==> flow/design.v <==
module dp_cmp_unit_rtl #(
    parameter integer DWIDTH = 10
) (
    input  wire clk_i,
    input  wire [DWIDTH-1:0] a_i,
    input  wire [DWIDTH-1:0] b_i,
    output wire less_o,
    output wire eq_o
);
    reg [DWIDTH-1:0] r_a;
    reg [DWIDTH-1:0] r_b;
    always @(posedge clk_i) begin
        r_a <= a_i;
        r_b <= b_i;
    end
    wire [DWIDTH:0] r = {1'b0, r_a} - {1'b0, r_b};
    assign less_o = r[DWIDTH];
    assign eq_o = ~|r[DWIDTH-1:0];
endmodule
* Step by step through the tools: dp_cmp_unit_rtl
The steps from the RTL of dp_cmp_unit_rtl to its reports follow in flow order. Lines are those of the file above, counted from 1. Operators carry their Yosys type and port widths (W data, S select, Z words). A cell with -- has no value.
Set-up: design top dp_cmp_unit_rtl, clock clk_i, library sky130hd, library corner tt_025C_1v80

* Word-level counts
Counts by Yosys on the flattened word-level netlist (proc, flatten, opt, wreduce; memories kept). Register bits leave out memories and registers merged into their read ports (data or address); mux counts leave out enables and synchronous resets folded into registers. Print and check cells are left out. Cells with the same type and inputs are merged into one.
Operators by class: $add $sub $neg 1, reductions and logical operators 2
Operator list (count):
- $sub A10 B10 Y11 | 1
- $reduce_or A10 Y1 | 1
- $logic_not A1 Y1 | 1
Storage and ports: flip-flop bits (word level) 20, input bits 21, output and inout port bits 2, elaborated cells 5

* Logic depth
Longest topological path by Yosys (ltp), each cell counted once; first at word level (registers and memories cut), then after technology mapping (sequential cells cut; the memories' decode and read muxes count).
Logic depth: depth in word-level cells 3, ABC_AREA 1, depth in mapped cells 13, depth with buffers taken out 13

* After synthesis
Source: synth_stat.txt of the flow (Yosys; design flattened, memories mapped). It holds for the ABC_AREA given above (unset counts as 0); a run with the other value may have another netlist. Totals and module areas in this step are rounded.
Cells by type:
- sky130_fd_sc_hd__dfxtp_1 | count 20, area in all 400.384 um^2
- sky130_fd_sc_hd__nand2_1 | count 40, area in all 150.144 um^2
- sky130_fd_sc_hd__ha_1 | count 10, area in all 125.12 um^2
- sky130_fd_sc_hd__inv_1 | count 28, area in all 105.101 um^2
- sky130_fd_sc_hd__nand3_1 | count 10, area in all 50.048 um^2
- sky130_fd_sc_hd__nor2_1 | count 9, area in all 33.782 um^2
- sky130_fd_sc_hd__a21oi_1 | count 5, area in all 25.024 um^2
- sky130_fd_sc_hd__fa_1 | count 1, area in all 20.019 um^2
- sky130_fd_sc_hd__nand2_2 | count 2, area in all 12.512 um^2
- sky130_fd_sc_hd__xor2_1 | count 1, area in all 8.758 um^2
- sky130_fd_sc_hd__nand3b_1 | count 1, area in all 7.507 um^2
- sky130_fd_sc_hd__o21a_1 | count 1, area in all 7.507 um^2
- sky130_fd_sc_hd__a31oi_1 | count 1, area in all 6.256 um^2
- sky130_fd_sc_hd__nand4_1 | count 1, area in all 6.256 um^2
- sky130_fd_sc_hd__nor3_1 | count 1, area in all 5.005 um^2
Synthesis totals: cells in the netlist 131, synthesis area 960 um^2, area of sequential cells 400 um^2, flip-flops 20, buffer cells 0

* Timing after synthesis
Source: OpenSTA report_checks on the synthesized netlist (no wires, ideal clock, input and output delay 20% of the period each), path of least setup slack; recovery checks are left aside. Register names are those of the netlist, which keeps one name where synthesis merged equal registers.
Timing path post-synthesis: kind register -> output, start point register r_a[0], end point output eq_o, clock period 3.26 ns, external output delay 0.652 ns, launch time at the first pin 0.000 ns, arrival 1.626 ns, data required time 2.608 ns, setup slack 0.982 ns, path delay 1.626 ns, stages on the path 12, buffers on the path 0, synthesis period reached 2.278 ns
"path delay" = arrival - input delay + setup time. At an output port there is no setup time. "stages on the path" counts driving pins, that of a launching flip-flop among them; a cell with two outputs on the path counts twice. "synthesis period reached" = period - worst setup slack (recovery checks aside). The figure is calculated, with input and output delays left at 20% of the set period. Between the ends stands the longest chain of elaborated cells between them, by number of cells; it is not shown to be the way that was timed. Of several equally long chains one is given. A line is the first line of the expression or statement that the cell stems from. Yosys adds cells for indexed reads and writes and turns some case tables into memories.
Between the ends, post-synthesis: cells stage by stage sky130_fd_sc_hd__dfxtp_1 > sky130_fd_sc_hd__inv_1 > sky130_fd_sc_hd__ha_1 > sky130_fd_sc_hd__inv_1 > sky130_fd_sc_hd__fa_1 > sky130_fd_sc_hd__nor2_1 > sky130_fd_sc_hd__nand2_1 > sky130_fd_sc_hd__a21oi_1 > sky130_fd_sc_hd__nand3_1 > sky130_fd_sc_hd__nor2_1 > sky130_fd_sc_hd__nand3_1 > sky130_fd_sc_hd__nor2_1, length of the longest elaborated chain 3, elaborated cells on any way between the ends 3, source lines of those cells 2, those cells by class add/sub: 1; reduce/logical: 2
RTL lines, path post-synthesis:
- from (decl) | line 10 | reg [DWIDTH-1:0] r_a;
- from (assign) | line 13 | r_a <= a_i;
- $sub A10 B10 Y11 | line 16 | wire [DWIDTH:0] r = {1'b0, r_a} - {1'b0, r_b};
- $reduce_or A10 Y1 | line 18 | assign eq_o = ~|r[DWIDTH-1:0];
- $logic_not A1 Y1 | line 18
- to (decl) | line 8 | output wire eq_o

* Timing after layout
Path of least setup slack in the final report of run A (OpenROAD, finished layout, wires in). Where an end is a register, its clock arrival counts in the times.
Timing path post-layout: kind register -> output, start point register r_a[0], end point output less_o, clock period 4.36 ns, external output delay 0.87 ns, launch time at the first pin 0.29 ns, arrival 2.46 ns, data required time 3.49 ns, setup slack 1.02 ns, stages on the path 13, buffers on the path 1
Between the ends stands the longest chain of elaborated cells between them, by number of cells; it is not shown to be the way that was timed. Of several equally long chains one is given.
Between the ends, post-layout: cells stage by stage sky130_fd_sc_hd__dfxtp_1 > sky130_fd_sc_hd__inv_1 > sky130_fd_sc_hd__ha_1 > sky130_fd_sc_hd__inv_1 > sky130_fd_sc_hd__fa_1 > sky130_fd_sc_hd__nand2_1 > sky130_fd_sc_hd__nand2_2 > sky130_fd_sc_hd__nand3_1 > sky130_fd_sc_hd__nand2_1 > sky130_fd_sc_hd__nand2_1 > sky130_fd_sc_hd__nand2_1 > sky130_fd_sc_hd__a21oi_1 > sky130_fd_sc_hd__clkdlybuf4s50_1, length of the longest elaborated chain 1, elaborated cells on any way between the ends 1, source lines of those cells 1, those cells by class add/sub: 1
RTL lines, path post-layout:
- from (decl) | line 10 | reg [DWIDTH-1:0] r_a;
- from (assign) | line 13 | r_a <= a_i;
- $sub A10 B10 Y11 | line 16 | wire [DWIDTH:0] r = {1'b0, r_a} - {1'b0, r_b};
- to (decl) | line 7 | output wire less_o,

Ticket comment

Below are 3 stored runs of the flow (Yosys, OpenROAD; platform sky130hd) on dp_cmp_unit_rtl, each with its settings and what was measured, unordered. Constraints: input delay and output delay 20% of the set period each, output load 0.01 pF.
"critical path time" means the part of the period allowed to the worst setup path (the constraints hold back 20% at inputs and 20% at outputs) less its slack; where the path has registers, the arrival times of their clocks count too.
By "power" is meant OpenSTA's value without simulated activity: inputs other than the clock are taken to toggle once in ten clock periods, and the tool carries that through the logic.
Measured values are rounded.

* Run A | settings: period_ns 4.36; CORE_UTILIZATION 42; SETUP_SLACK_MARGIN 0.79; PLACE_DENSITY 0.93; HOLD_SLACK_MARGIN -0.02; CORE_ASPECT_RATIO 0.98; CELL_PAD_IN_SITES_DETAIL_PLACEMENT 0; ABC_AREA 1; GPL_TIMING_DRIVEN 0; CTS_CLUSTER_DIAMETER 123; SLEW_MARGIN 0; MAX_ROUTING_LAYER met4; CAP_MARGIN 20; CORE_MARGIN 2 | results: smallest hold slack 1.0 ns; chip area in the Yosys report 960 um^2; worst slack on setup checks 1.0 ns; critical path time 2.46 ns; type of the worst setup path register -> output; post-route setup TNS 0.000 ns; standard-cell area of the final layout 1200 um^2; final design utilization 56%; die outline area 2700 um^2; power 370 uW
* Run B | settings: period_ns 3.26; CORE_UTILIZATION 39; SETUP_SLACK_MARGIN 0.03; PLACE_DENSITY_LB_ADDON 0.02; CAP_MARGIN 35; SLEW_MARGIN 5; MIN_ROUTING_LAYER met1; MAX_ROUTING_LAYER met5; CORE_MARGIN 2 | results: critical path time 2.63 ns; type of the worst setup path register -> output; chip area in the Yosys report 940 um^2; power 540 uW; worst slack on setup checks -0.024 ns; standard-cell area of the final layout 1200 um^2; final design utilization 55%; die outline area 2800 um^2; smallest hold slack 0.78 ns; post-route setup TNS -0.024 ns
* Run C | settings: period_ns 3.26; CAP_MARGIN 20; CORE_MARGIN 2; CORE_UTILIZATION 40; SLEW_MARGIN 20 | results: post-route setup TNS 0.000 ns; chip area in the Yosys report 940 um^2; final design utilization 56%; smallest hold slack 0.79 ns; worst slack on setup checks 0.17 ns; power 530 uW; critical path time 2.44 ns; type of the worst setup path register -> output; standard-cell area of the final layout 1200 um^2; die outline area 2800 um^2
